==> flow/design.v <==
module cpu_selector_p #(
   parameter DW = 16
) (
   input wire CLK,
   input wire rst_i,
   input wire [DW-1:0] i_din0,
   input wire [DW-1:0] i_din1,
   input wire [DW-1:0] i_din2,
   input wire [DW-1:0] i_din3,
   input wire [DW-1:0] i_din4,
   input wire [DW-1:0] i_din5,
   input wire [DW-1:0] i_din6,
   input wire [DW-1:0] i_din7,
   input wire [6:0] i_s,
   output reg [DW-1:0] o_result
);
   reg [DW-1:0] din0_d1;
   reg [DW-1:0] din1_d1;
   reg [DW-1:0] din2_d1;
   reg [DW-1:0] din3_d1;
   reg [DW-1:0] din4_d1;
   reg [DW-1:0] din5_d1;
   reg [DW-1:0] din6_d1;
   reg [DW-1:0] din7_d1;
   reg [6:0] s_d1;
   always @(posedge CLK or posedge rst_i) begin
      if (rst_i) begin
         din0_d1 <= 0;
         din1_d1 <= 0;
         din2_d1 <= 0;
         din3_d1 <= 0;
         din4_d1 <= 0;
         din5_d1 <= 0;
         din6_d1 <= 0;
         din7_d1 <= 0;
         s_d1 <= 0;
      end else begin
         din0_d1 <= i_din0;
         din1_d1 <= i_din1;
         din2_d1 <= i_din2;
         din3_d1 <= i_din3;
         din4_d1 <= i_din4;
         din5_d1 <= i_din5;
         din6_d1 <= i_din6;
         din7_d1 <= i_din7;
         s_d1 <= i_s;
      end
   end
   reg [DW-1:0] val;
   always @(*) begin
      casez (s_d1)
         7'b??????1: val = din0_d1;
         7'b?????10: val = din1_d1;
         7'b????100: val = din2_d1;
         7'b???1000: val = din3_d1;
         7'b??10000: val = din4_d1;
         7'b?100000: val = din5_d1;
         7'b1000000: val = din6_d1;
         default: val = din7_d1;
      endcase
   end
   always @(posedge CLK or posedge rst_i) begin
      if (rst_i) begin
         o_result <= 0;
      end else begin
         o_result <= val;
      end
   end
endmodule
# From RTL to reports: cpu_selector_p
# What the tools print for cpu_selector_p, step after step.
# Lines are those of the file above, counted from 1.
# Operators: Yosys type, input widths -> output width; for muxes data width and select width s.
# Cell names lack the library's common part.
# The mark n/a stands for no value.
# design
top_module,cpu_selector_p
clock_port,CLK
library,sky130hd
corner,tt_025C_1v80

# After elaboration
# Counts by Yosys on the flattened word-level netlist (proc, flatten, opt, wreduce; memories kept). Register bits leave out memories and registers merged into their read ports (data or address); mux counts leave out enables and synchronous resets folded into registers. Print and check cells are left out. Cells with the same type and inputs are merged into one.
# word_totals
ff_bits,151
latch_bits,0
ramBits,0
rom_bits,0
clocked_rd_ports_x_width,0
n_memories,0
inputBits,137
output_inout_bits,16
word_cells,17
# op_classes
addsub,0
n_mul,0
n_div,0
cmp,0
eq_ne,6
shifts,0
muxes,1
bitwise,0
reduce_logical,0
# op_table
operator,count
$pmux 16 s7,1
$eq 7x7->1 const B,1
$eq 6x6->1 const B,1
$eq 5x5->1 const B,1
$eq 4x4->1 const B,1
$eq 3x3->1 const B,1
$eq 2x2->1 const B,1

# Longest topological paths
# Depth = most cells in a row (Yosys ltp): at word level without a register or memory, in the mapped netlist without a sequential cell, where the memories' decode and read muxes count.
# logic_depth
word_depth,2
ABC_AREA,0
mapped_depth,7
mapped_depth_nobuf,3

# Synthesis result
# Source: synth_stat.txt of the flow (Yosys; design flattened, memories mapped). It holds for the ABC_AREA given above (unset counts as 0); a run with the other value may have another netlist.
# Totals and module areas in this step are rounded.
# synth_totals
cell_count,322
yosys_area_um2,4900
sequential_area_um2,3800
flip_flops,151
buffers,20
# by_type
cell_type,count,type_area_um2
dfrtp_1,151,3.78E+03
nor2b_1,33,206.448
a32o_1,16,160.154
o32a_1,16,160.154
a2111oi_0,16,140.134
nand3b_1,16,120.115
a31oi_1,16,100.096
inv_1,18,67.565
nand2_1,16,60.058
clkbuf_1,15,56.304
buf_6,4,45.043
or4_4,2,22.522
nor4b_2,1,15.014
nor4_2,1,12.512
buf_2,1,5.005

# Worst setup path after synthesis
# OpenSTA on the mapped netlist: ideal clock, no wires. The path of least setup slack (recovery checks aside). Input and output delay are each 20% of the period. Register names are those of the netlist, which keeps one name where synthesis merged equal registers.
# synth_path
path_type,register to register
start,reg s_d1[1]
end,reg o_result[10]
clock_period_ps,2600
setup_ps,126
launch_ps,0
arrival_time_ps,1957
required_time_ps,2474
path_slack_ps,517
path_delay_ps,2083
path_stages,8
n_path_buf,4
period_less_setup_slack_ps,2083
# "path_delay_ps" is the arrival time less input delay plus setup time.
# "path_stages" counts driving pins, that of a launching flip-flop among them; a cell with two outputs on the path counts twice.
# "period_less_setup_slack_ps" is the clock period less the worst setup slack; recovery checks do not enter. This is arithmetic on one report: input and output delays are still those of the set period (20% each).
# The rows between start and end are the longest chain of elaborated cells between them; the timing report does not say that the signal goes this way. Where chains are equally long, one stands for them.
# A line is the first line of the expression or statement that the cell stems from. Yosys adds cells for indexed reads and writes and turns some case tables into memories.
# synth_via
path_cell_list,dfrtp_1 -> buf_6 -> or4_4 -> buf_6 -> or4_4 -> buf_6 -> buf_6 -> o32a_1
elab_chain_len,2
cells_between,7
lines_between,1
cone_classes,eq/ne (6); mux (1)
# synth_lines
element,line_no,text
"start, declared",25,reg [6:0] s_d1;
"start, assigned",36,s_d1 <= 0;
"start, assigned",46,s_d1 <= i_s;
$eq 7x7->1,51,casez (s_d1)
$pmux 16 s7,51,
"end, assigned",64,o_result <= 0;
"end, assigned",66,o_result <= val;
"end, declared",15,output reg [DW-1:0] o_result

# Timing after layout
# Path of least setup slack in the final report of flow run 1 (OpenROAD, finished layout, wires in). Where an end is a register, its clock arrival counts in the times.
# The report prints the path's times to 10 ps; the period is as set.
# layout_path
path_type,register to register
start,reg s_d1[0]
end,reg o_result[5]
clock_period_ps,2060
setup_ps,60
launch_ps,400
arrival_time_ps,2300
required_time_ps,2400
path_slack_ps,100
path_stages,5
n_path_buf,1
# The rows between start and end are the longest chain of elaborated cells between them; the timing report does not say that the signal goes this way. Where chains are equally long, one stands for them.
# layout_via
path_cell_list,dfrtp_1 -> or4_4 -> buf_4 -> a2111oi_0 -> o32a_1
elab_chain_len,2
cells_between,7
lines_between,1
cone_classes,eq/ne (6); mux (1)
# layout_lines
element,line_no,text
"start, declared",25,reg [6:0] s_d1;
"start, assigned",36,s_d1 <= 0;
"start, assigned",46,s_d1 <= i_s;
$eq 7x7->1,51,casez (s_d1)
$pmux 16 s7,51,
"end, assigned",64,o_result <= 0;
"end, assigned",66,o_result <= val;
"end, declared",15,output reg [DW-1:0] o_result

# cpu_selector_p through Yosys and OpenROAD on sky130hd: 2 stored runs, unordered, with their settings and measured results. The constraints put input and output delay at 20% of the set period each and load the outputs with 0.01 pF.
# "achieved_clock_period_ps" = clock period - worst setup slack. The figure is calculated, with input and output delays left at 20% of the set period.
# "worst_setup_path_time_ps" = time allowed to the worst setup path (clock period - input delay - output delay, where it has them) - its slack; a late launch clock adds to it, a late capture clock takes from it.
# "final_power_mw" rests on the timing tool's default activity at the inputs, not on a simulated workload.
# "worst_setup_path_time_ps" is given in steps of 10 ps.
# The measured numbers are rounded.
# A setting shown as . is not set for that run.
run,period_ns,CORE_UTILIZATION,PLACE_DENSITY_LB_ADDON,CORE_ASPECT_RATIO,GPL_TIMING_DRIVEN,SLEW_MARGIN,CAP_MARGIN,CORE_MARGIN,post_synth_area_um2,worst_setup_path_time_ps,critical_path_type,achieved_clock_period_ps,layout_stdcell_area_um2,setup_ws_ps,final_power_mw,final_setup_tns_ps,finish.utilization_pct,final_die_area_um2
flow run 1,2.06,48,0.29,0.7,1,20,20,2,4900,1960,register to register,1960,7300,100,7.1,0,74,11000
flow run 2,2.6,40,.,.,.,20,20,2,4900,1990,register to register,1989,7300,610,5.5,0,60,13000
